==> flow/design.v <==
module u_scratch_n #(
    parameter D = 64,
    parameter DATA_W = 16,
    parameter ADDR_W = $clog2(D),
    parameter NBLK = DATA_W / 8
) (
    input clk_i,
    input clk_en,
    input [NBLK-1:0] in_byte_en,
    input [ADDR_W-1:0] in_wa,
    input [DATA_W-1:0] in_wdata,
    input [ADDR_W-1:0] in_ra,
    output [DATA_W-1:0] out_rdata
);
    reg [DATA_W-1:0] rf [0:D-1];
    integer idx;
    always @(posedge clk_i) begin
        for (idx = 0; idx < NBLK; idx = idx + 1)
            if (clk_en && in_byte_en[idx]) rf[in_wa][8*idx +: 8] <= in_wdata[8*idx +: 8];
    end
    assign out_rdata = rf[in_ra];
endmodule
======== From RTL to reports: u_scratch_n ========
The steps from the RTL of u_scratch_n to its reports follow in flow order.
Line numbers count from 1 in the design file above.
Not given: -
design
  top ..................................... u_scratch_n
  clock port .............................. clk_i
  library ................................. sky130hd
  timing corner ........................... tt_025C_1v80

======== After elaboration ========
Source: Yosys, flattened and elaborated, memories not mapped. Widths are those after wreduce; folded enables and synchronous resets count as part of the registers. Registers that Yosys merges into a memory's read port (data or address) are not register bits. Print and check cells do not count. Equal cells are merged and count once.
Memory sizes are those after Yosys's memory passes, which may raise the word count (mostly to a power of two), join words into wider ones and drop unused or constant bits.
word-level totals
  bits in registers ....................... 0
  input port bits ......................... 32
  RAM bits ................................ 1,024
  output and inout bits ................... 16
  memory cells ............................ 1
memories
  memory  depth  width  rd ports  wr ports  RTL line  RTL
  rf      64     16     1         1         15        reg [DATA_W-1:0] rf [0:D-1];
cells by class
  reductions and logical operators ........ 2
  muxes and demuxes ....................... 4
operators by type and width
  cell               number
  16-bit 2-to-1 mux  2
  1-bit logical AND  2
  1-bit 2-to-1 mux   2

======== Depth ========
Longest topological path by Yosys (ltp), each cell counted once; first at word level (registers and memories cut), then after technology mapping (sequential cells cut; the memories' decode and read muxes count).
logic depth
  depth after elaboration ................. 2
  ABC_AREA ................................ 0
  depth in mapped cells ................... 10
  gate-level depth less buffers ........... 5

======== Synthesis result ========
Yosys stat after the flow's synthesis: flattened, memories mapped to cells. It holds for the ABC_AREA given above (unset counts as 0); a run with the other value may have another netlist.
The area totals of this step are shown rounded.
cell types
  cell type                  number
  sky130_fd_sc_hd__edfxtp_1  1,024
  sky130_fd_sc_hd__mux4_2    210
  sky130_fd_sc_hd__mux2i_1   87
  sky130_fd_sc_hd__nor2_1    141
  sky130_fd_sc_hd__mux4_1    14
  sky130_fd_sc_hd__a22oi_1   39
  sky130_fd_sc_hd__mux2_2    25
  sky130_fd_sc_hd__nand2_1   67
  sky130_fd_sc_hd__nor2b_1   28
  sky130_fd_sc_hd__buf_2     33
  sky130_fd_sc_hd__buf_6     12
  sky130_fd_sc_hd__clkbuf_1  33
  sky130_fd_sc_hd__a221oi_1  14
  sky130_fd_sc_hd__nand3_1   24
  sky130_fd_sc_hd__buf_4     14
  sky130_fd_sc_hd__buf_12    4
  sky130_fd_sc_hd__a211oi_1  10
  sky130_fd_sc_hd__a21oi_1   15
Other cell types: 22; their cells: 96.
mapped netlist
  flip-flops .............................. 1,024
  cell count .............................. 1,890
  sequential area ......................... 31,000 um2
  synthesis area .......................... 40,000 um2

======== Worst setup path after synthesis ========
OpenSTA on the mapped netlist: ideal clock, no wires. The path of least setup slack (recovery checks aside). Input and output delay are each 20% of the period. Register names are those of the netlist, which keeps one name where synthesis merged equal registers.
timing path after synthesis
  path kind ............................... input -> output
  start point ............................. input port in_ra[0]
  end point ............................... output port out_rdata[14]
  stages .................................. 9
  output delay ............................ 628 ps
  delay of the path ....................... 1,505 ps
  input delay ............................. 628 ps
  clock period ............................ 3,140 ps
  setup slack ............................. 379 ps
  arrival ................................. 2,133 ps
  time at the first pin ................... 628 ps
  period reached after synthesis .......... 2,761 ps
"delay of the path" is the arrival time less input delay plus setup time.
A path that ends at an output port has no setup time.
"stages" counts driving pins, that of a launching flip-flop among them; a cell with two outputs on the path counts twice.
"period reached after synthesis" = period - worst setup slack (recovery checks aside). The figure is calculated, with input and output delays left at 20% of the set period.
The rows between start and end are the longest chain of elaborated cells between them; the timing report does not say that the signal goes this way. Where chains are equally long, one stands for them.
Each line given opens the expression or statement behind the cell; cells for indexed reads and writes are added by Yosys, which also makes memories of some case tables.
The chain passes a memory read, where the word-level depth is cut; so it can be longer than that depth.
on the way, after synthesis
  cell sequence ........................... sky130_fd_sc_hd__buf_6 > sky130_fd_sc_hd__buf_12 > sky130_fd_sc_hd__buf_12 > sky130_fd_sc_hd__buf_12 > sky130_fd_sc_hd__nand2_1 > sky130_fd_sc_hd__a211oi_1 > sky130_fd_sc_hd__a221oi_1 > sky130_fd_sc_hd__a221oi_1 > sky130_fd_sc_hd__a311oi_1
  length of the longest elaborated chain .. 1
RTL lines, path after synthesis
  what                RTL line  RTL
  start: declaration  12        input [ADDR_W-1:0] in_ra,
  memory 64 x 16 bit  15        reg [DATA_W-1:0] rf [0:D-1];
  end: declaration    13        output [DATA_W-1:0] out_rdata

======== Worst path after layout ========
Path of least setup slack in the final report of run 1 (OpenROAD, finished layout, wires in). Where an end is a register, its clock arrival counts in the times.
The path's times are printed in steps of 10 ps; the period is the one set.
timing path post-layout
  path kind ............................... input -> output
  start point ............................. input port in_ra[0]
  end point ............................... output port out_rdata[1]
  setup slack ............................. -140 ps
  output delay ............................ 630 ps
  clock period ............................ 3,140 ps
  arrival ................................. 2,660 ps
  time at the first pin ................... 630 ps
  stages .................................. 9
  input delay ............................. 630 ps
The rows between start and end are the longest chain of elaborated cells between them; the timing report does not say that the signal goes this way. Where chains are equally long, one stands for them.
The chain passes a memory read, where the word-level depth is cut; so it can be longer than that depth.
on the way, post-layout
  cell sequence ........................... sky130_fd_sc_hd__buf_16 > sky130_fd_sc_hd__bufbuf_16 > sky130_fd_sc_hd__mux4_2 > sky130_fd_sc_hd__mux2i_2 > sky130_fd_sc_hd__buf_4 > sky130_fd_sc_hd__nand3_1 > sky130_fd_sc_hd__a31oi_4 > sky130_fd_sc_hd__a311oi_4 > sky130_fd_sc_hd__buf_2
  length of the longest elaborated chain .. 1
RTL lines, path post-layout
  what                RTL line  RTL
  start: declaration  12        input [ADDR_W-1:0] in_ra,
  memory 64 x 16 bit  15        reg [DATA_W-1:0] rf [0:D-1];
  end: declaration    13        output [DATA_W-1:0] out_rdata

==> runs of u_scratch_n <==
3 stored runs of u_scratch_n in the flow (synthesis by Yosys, layout by OpenROAD, sky130hd cells), in arbitrary order. Constraints: input delay and output delay 20% of the set period each, output load 0.01 pF.
By "achieved period" is meant the clock period of the run minus its worst setup slack. This is arithmetic on one report: input and output delays are still those of the set period (20% each).
By "critical path time" is meant the share of the clock period that the worst setup path is allowed (20% is reserved at inputs, 20% at outputs), minus its slack. Clock arrival times at its registers enter into it.
"power": no workload was simulated; the value follows from the tool's default switching activity.
"critical path time" is known to 10 ps.
The measured numbers are rounded.

======== run 1 ========
==> flow/run.sh <==
#!/bin/bash
# the make line also repeats the synthesis and layout settings of config.mk as NAME=value (left out here)
make -C /OpenROAD-flow-scripts/flow DESIGN_CONFIG=/design/flow/config.mk WORK_HOME=/design/flow/orfs CLKGATE_MAP_FILE= finish
==> flow/config.mk <==
export PLATFORM = sky130hd
export DESIGN_NAME = u_scratch_n
export DESIGN_NICKNAME = u_scratch_n
export VERILOG_FILES = /design/flow/design.v
export SDC_FILE = /design/flow/constraint.sdc
export NUM_CORES = 4
export LEC_CHECK = 0
export CAP_MARGIN = 20
export CORE_MARGIN = 2
export CORE_UTILIZATION = 40
export SLEW_MARGIN = 20
==> flow/constraint.sdc <==
create_clock -name core_clock -period 3.14 [get_ports {clk_i}]
set_input_delay 0.6280 -clock core_clock [delete_from_list [all_inputs] [get_ports {clk_i}]]
set_output_delay 0.6280 -clock core_clock [all_outputs]
set_load 0.01 [all_outputs]

-------- measured, run 1 --------
  achieved period ......................... 3,285 ps
  mapped cell area after synthesis ........ 40,000 um2
  critical path time ...................... 2,030 ps
  type of the worst setup path ............ input -> output
  smallest setup slack .................... -140 ps
  power ................................... 29,000 µW
  setup total negative slack .............. -640 ps
  worst-case hold slack ................... 200 ps
  area inside the die boundary ............ 100,000 um2
  area of the standard cells in the finished layout .. 49,000 um2

======== run 2 ========
==> flow/run.sh <==
#!/bin/bash
# the make line also repeats the synthesis and layout settings of config.mk as NAME=value (left out here)
make -C /OpenROAD-flow-scripts/flow DESIGN_CONFIG=/design/flow/config.mk WORK_HOME=/design/flow/orfs CLKGATE_MAP_FILE= finish
==> flow/config.mk <==
export PLATFORM = sky130hd
export DESIGN_NAME = u_scratch_n
export DESIGN_NICKNAME = u_scratch_n
export VERILOG_FILES = /design/flow/design.v
export SDC_FILE = /design/flow/constraint.sdc
export NUM_CORES = 4
export LEC_CHECK = 0
export ABC_AREA = 1
export CAP_MARGIN = 15
export CELL_PAD_IN_SITES_DETAIL_PLACEMENT = 0
export CORE_ASPECT_RATIO = 1.23
export CORE_MARGIN = 8
export CORE_UTILIZATION = 70
export CTS_CLUSTER_SIZE = 36
export GPL_ROUTABILITY_DRIVEN = 0
export GPL_TIMING_DRIVEN = 0
export PLACE_DENSITY_LB_ADDON = 0.14
export SETUP_SLACK_MARGIN = 0.6
export SLEW_MARGIN = 20
==> flow/constraint.sdc <==
create_clock -name core_clock -period 3.18 [get_ports {clk_i}]
set_input_delay 0.6360 -clock core_clock [delete_from_list [all_inputs] [get_ports {clk_i}]]
set_output_delay 0.6360 -clock core_clock [all_outputs]
set_load 0.01 [all_outputs]

-------- measured, run 2 --------
  achieved period ......................... 3,207 ps
  mapped cell area after synthesis ........ 42,000 um2
  critical path time ...................... 1,940 ps
  type of the worst setup path ............ input -> output
  smallest setup slack .................... -27 ps
  power ................................... 29,000 µW
  setup total negative slack .............. -58 ps
  worst-case hold slack ................... 230 ps
  area inside the die boundary ............ 69,000 um2
  area of the standard cells in the finished layout .. 51,000 um2

======== run 3 ========
==> flow/run.sh <==
#!/bin/bash
# the make line also repeats the synthesis and layout settings of config.mk as NAME=value (left out here)
make -C /OpenROAD-flow-scripts/flow DESIGN_CONFIG=/design/flow/config.mk WORK_HOME=/design/flow/orfs CLKGATE_MAP_FILE= finish
==> flow/config.mk <==
export PLATFORM = sky130hd
export DESIGN_NAME = u_scratch_n
export DESIGN_NICKNAME = u_scratch_n
export VERILOG_FILES = /design/flow/design.v
export SDC_FILE = /design/flow/constraint.sdc
export NUM_CORES = 4
export LEC_CHECK = 0
export CAP_MARGIN = 20
export CORE_ASPECT_RATIO = 1.24
export CORE_MARGIN = 7
export CORE_UTILIZATION = 52
export CTS_CLUSTER_DIAMETER = 373
export PLACE_DENSITY_LB_ADDON = 0.06
export SETUP_SLACK_MARGIN = 1.24
export SLEW_MARGIN = 20
==> flow/constraint.sdc <==
create_clock -name core_clock -period 4.16 [get_ports {clk_i}]
set_input_delay 0.8320 -clock core_clock [delete_from_list [all_inputs] [get_ports {clk_i}]]
set_output_delay 0.8320 -clock core_clock [all_outputs]
set_load 0.01 [all_outputs]

-------- measured, run 3 --------
  achieved period ......................... 3,602 ps
  mapped cell area after synthesis ........ 40,000 um2
  critical path time ...................... 1,940 ps
  type of the worst setup path ............ input -> output
  smallest setup slack .................... 560 ps
  power ................................... 22,000 µW
  setup total negative slack .............. 0 ps
  worst-case hold slack ................... 670 ps
  area inside the die boundary ............ 85,000 um2
  area of the standard cells in the finished layout .. 48,000 um2
